==> flow/design.v <==
module alu_addsub_p (ck, adv, src1, src2, minus, q, carry);
  parameter BITS = 128;
  input ck;
  input adv;
  input signed [BITS-1:0] src1;
  input signed [BITS-1:0] src2;
  input minus;
  output [BITS-1:0] q;
  output carry;
  reg signed [BITS-1:0] src1_s;
  reg signed [BITS-1:0] src2_s;
  reg minus_s;
  always @(posedge ck) begin
    if (adv) begin
      src1_s <= src1;
      src2_s <= src2;
      minus_s <= minus;
    end
  end
  wire [BITS-1:0] t2;
  assign t2 = src2_s ^ {BITS{minus_s}};
  wire [BITS-1:0] t;
  assign t = $unsigned(src1_s) + t2 + minus_s;
  assign q = t[BITS-1:0];
  assign carry = (src1_s[BITS-1] == t2[BITS-1]) && (t[BITS-1] != src1_s[BITS-1]);
endmodule
# From RTL to reports: alu_addsub_p
# The steps from the RTL of alu_addsub_p to its reports follow in flow order.
# Line numbers count from 1 in the design file above.
# Operators carry their Yosys type and port widths (W data, S select, Z words).
# Cell names lack the library's common part.
# The mark n/a stands for no value.
# setup
top_module	alu_addsub_p
clk_port	ck
cell_library	sky130hd
corner	tt_025C_1v80

# Elaborated design
# Source: Yosys, flattened and elaborated, memories not mapped. Widths are those after wreduce; folded enables and synchronous resets count as part of the registers. Registers that Yosys merges into a memory's read port (data or address) are not register bits. Print and check cells do not count. Equal cells are merged and count once.
# classes
add_sub_neg	2
mul	0
n_div	0
n_cmp	0
equal	2
shift	0
mux	0
n_logic	1
reduce_and_logical	1
# op_table
cell	n
$add A128 B1 Y128	1
$add A128 B128 Y128	1
$xor A128 B128 Y128	1
$eq A1 B1 Y1	1
$ne A1 B1 Y1	1
$logic_and A1 B1 Y1	1
# bits
register_bits	257
latchBits	0
ram_bits	0
mem_bits_ro	0
clocked_rd_ports_x_width	0
n_memories	0
in_bits	259
out_inout_bits	129

# Logic depth
# Yosys ltp: most cells in a row. Word level: on the elaborated netlist, between registers, memories and ports. Mapped: between sequential cells and ports; inverters and the memories' decode and read muxes count.
# depth
ltp_word	5
ABC_AREA	0
depth_mapped	17
depth_no_buf	14

# Synthesis result
# Source: synth_stat.txt of the flow (Yosys; design flattened, memories mapped). It holds for the ABC_AREA given above (unset counts as 0); a run with the other value may have another netlist.
# types
type	n	area_total_um2
edfxtp_1	257	7.72E+03
ha_1	126	1.58E+03
xor2_1	166	1.45E+03
a21oi_1	212	1.06E+03
xnor2_1	79	691.914
nand2_1	161	604.33
o21ai_0	110	550.528
nor2_1	101	379.114
nand4_1	58	362.848
o21bai_1	45	337.824
a21o_1	33	247.738
inv_1	57	213.955
clkbuf_1	55	206.448
nor3_1	39	195.187
o31ai_1	17	127.622
a31oi_1	20	125.12
nand3_1	22	110.106
nand2b_1	16	100.096
# Other cell types: 52; their cells: 194.
# mapped
stdcells	1768
mapped_area_um2	17568.1
seqArea_um2	7717.4
flip_flops	257
buffers	74

# Worst setup path after synthesis
# Path of least setup slack by OpenSTA after synthesis, without wires, with an ideal clock, recovery checks aside; 20% of the period is set as input and as output delay. Where synthesis merged equal registers, the netlist keeps one of their names.
# synth_timing
path_kind	register to output
startpoint	register minus_s
endpoint	output port q[114]
tclk_ns	7.03
output_delay_ns	1.406
launch_ns	0.000
t_arrival_ns	4.498
setup_slack_ns	1.126
path_delay_ns	4.498
stages	18
path_buffers	4
synth_period_reached_ns	5.904
# "path_delay_ns" is the arrival time less input delay plus setup time.
# At an output port there is no setup time.
# "stages": output pins that drive a net of the path, with the launching flip-flop's if there is one; two outputs of one cell count as two.
# "synth_period_reached_ns" = period - worst setup slack (recovery checks aside). The figure is calculated, with input and output delays left at 20% of the set period.
# The rows between start and end are the longest chain of elaborated cells between them; the timing report does not say that the signal goes this way. Where chains are equally long, one stands for them.
# A line is the first line of the expression or statement that the cell stems from. Yosys adds cells for indexed reads and writes and turns some case tables into memories.
# synth_via
cell_sequence	edfxtp_1 > clkbuf_1 > buf_1 > clkbuf_1 > xor2_1 > ha_1 > buf_2 > nand3_2 > a2111oi_4 > nor2_2 > o41ai_2 > o311ai_2 > a2111oi_4 > nand2b_1 > a31oi_2 > a21oi_4 > mux2i_1 > a2111oi_2
elab_chain_cells	3
cone_cells	3
cone_classes	add/sub (2); logic (1)
# synth_lines
item	line	rtl
start, declared	12	reg minus_s;
start, assigned	17	minus_s <= minus;
$xor A128 B128 Y128	21	assign t2 = src2_s ^ {BITS{minus_s}};
$add A128 B128 Y128	23	assign t = $unsigned(src1_s) + t2 + minus_s;
$add A128 B1 Y128	23
end, declared	8	output [BITS-1:0] q;

# Path in the finished layout
# From the final timing report of job 1: the path of least setup slack in the routed layout; clock arrival at registers is part of the times.
# layout_timing
path_kind	register to output
startpoint	register minus_s
endpoint	output port q[126]
tclk_ns	8.44
output_delay_ns	1.69
launch_ns	0.58
t_arrival_ns	5.91
setup_slack_ns	0.84
stages	18
path_buffers	3
# The rows between start and end are the longest chain of elaborated cells between them; the timing report does not say that the signal goes this way. Where chains are equally long, one stands for them.
# layout_via
cell_sequence	edfxtp_1 > clkbuf_16 > xor2_1 > inv_1 > fa_1 > nand2b_1 > a2111oi_4 > nor2_2 > o41ai_4 > o311ai_4 > a2111oi_4 > buf_4 > nand2b_2 > a31oi_2 > a21oi_4 > mux2i_1 > a2111oi_2 > clkdlybuf4s50_1
elab_chain_cells	3
cone_cells	3
cone_classes	add/sub (2); logic (1)
# layout_lines
item	line	rtl
start, declared	12	reg minus_s;
start, assigned	17	minus_s <= minus;
$xor A128 B128 Y128	21	assign t2 = src2_s ^ {BITS{minus_s}};
$add A128 B128 Y128	23	assign t = $unsigned(src1_s) + t2 + minus_s;
$add A128 B1 Y128	23
end, declared	8	output [BITS-1:0] q;

# Measured results for alu_addsub_p: 3 stored runs of the Yosys and OpenROAD flow on sky130hd. The settings differ; the order carries no meaning. The constraints put input and output delay at 20% of the set period each and load the outputs with 0.01 pF.
# "design_power_mw" is the tool's figure for a default switching activity; nothing was simulated.
# Settings: - = not set for that run.
# A result given as - is not shown for that run.
run name	period_ns	CORE_UTILIZATION	SETUP_SLACK_MARGIN	CORE_ASPECT_RATIO	CORE_MARGIN	CELL_PAD_IN_SITES_GLOBAL_PLACEMENT	GPL_ROUTABILITY_DRIVEN	CTS_CLUSTER_DIAMETER	SLEW_MARGIN	MIN_ROUTING_LAYER	MAX_ROUTING_LAYER	CAP_MARGIN	fin_hold_ws_ns	final_setup_tns_ns	utilization_pct	worst_setup_slack_ns	finalCellArea_um2	synth_chip_area_um2	design_power_mw	design.die.area_um2
job 1	8.44	26	0.58	1.06	4	2	0	55	15	met2	met5	20	1.580	0.000	35.9	0.845	23856.6	17568.1	6.211	71793.4
job 2	7.03	40	-	-	2	-	-	-	20	-	-	20	1.306	0.000	54.2	0.009	23392.4	17568.1	6.884	45612.1
job 3	4.38	55	0.82	-	7	2	1	354	20	-	-	20	-	-	-	-	-	-	-	-
# Job 3: no final report: placement broke off with GPL-0301
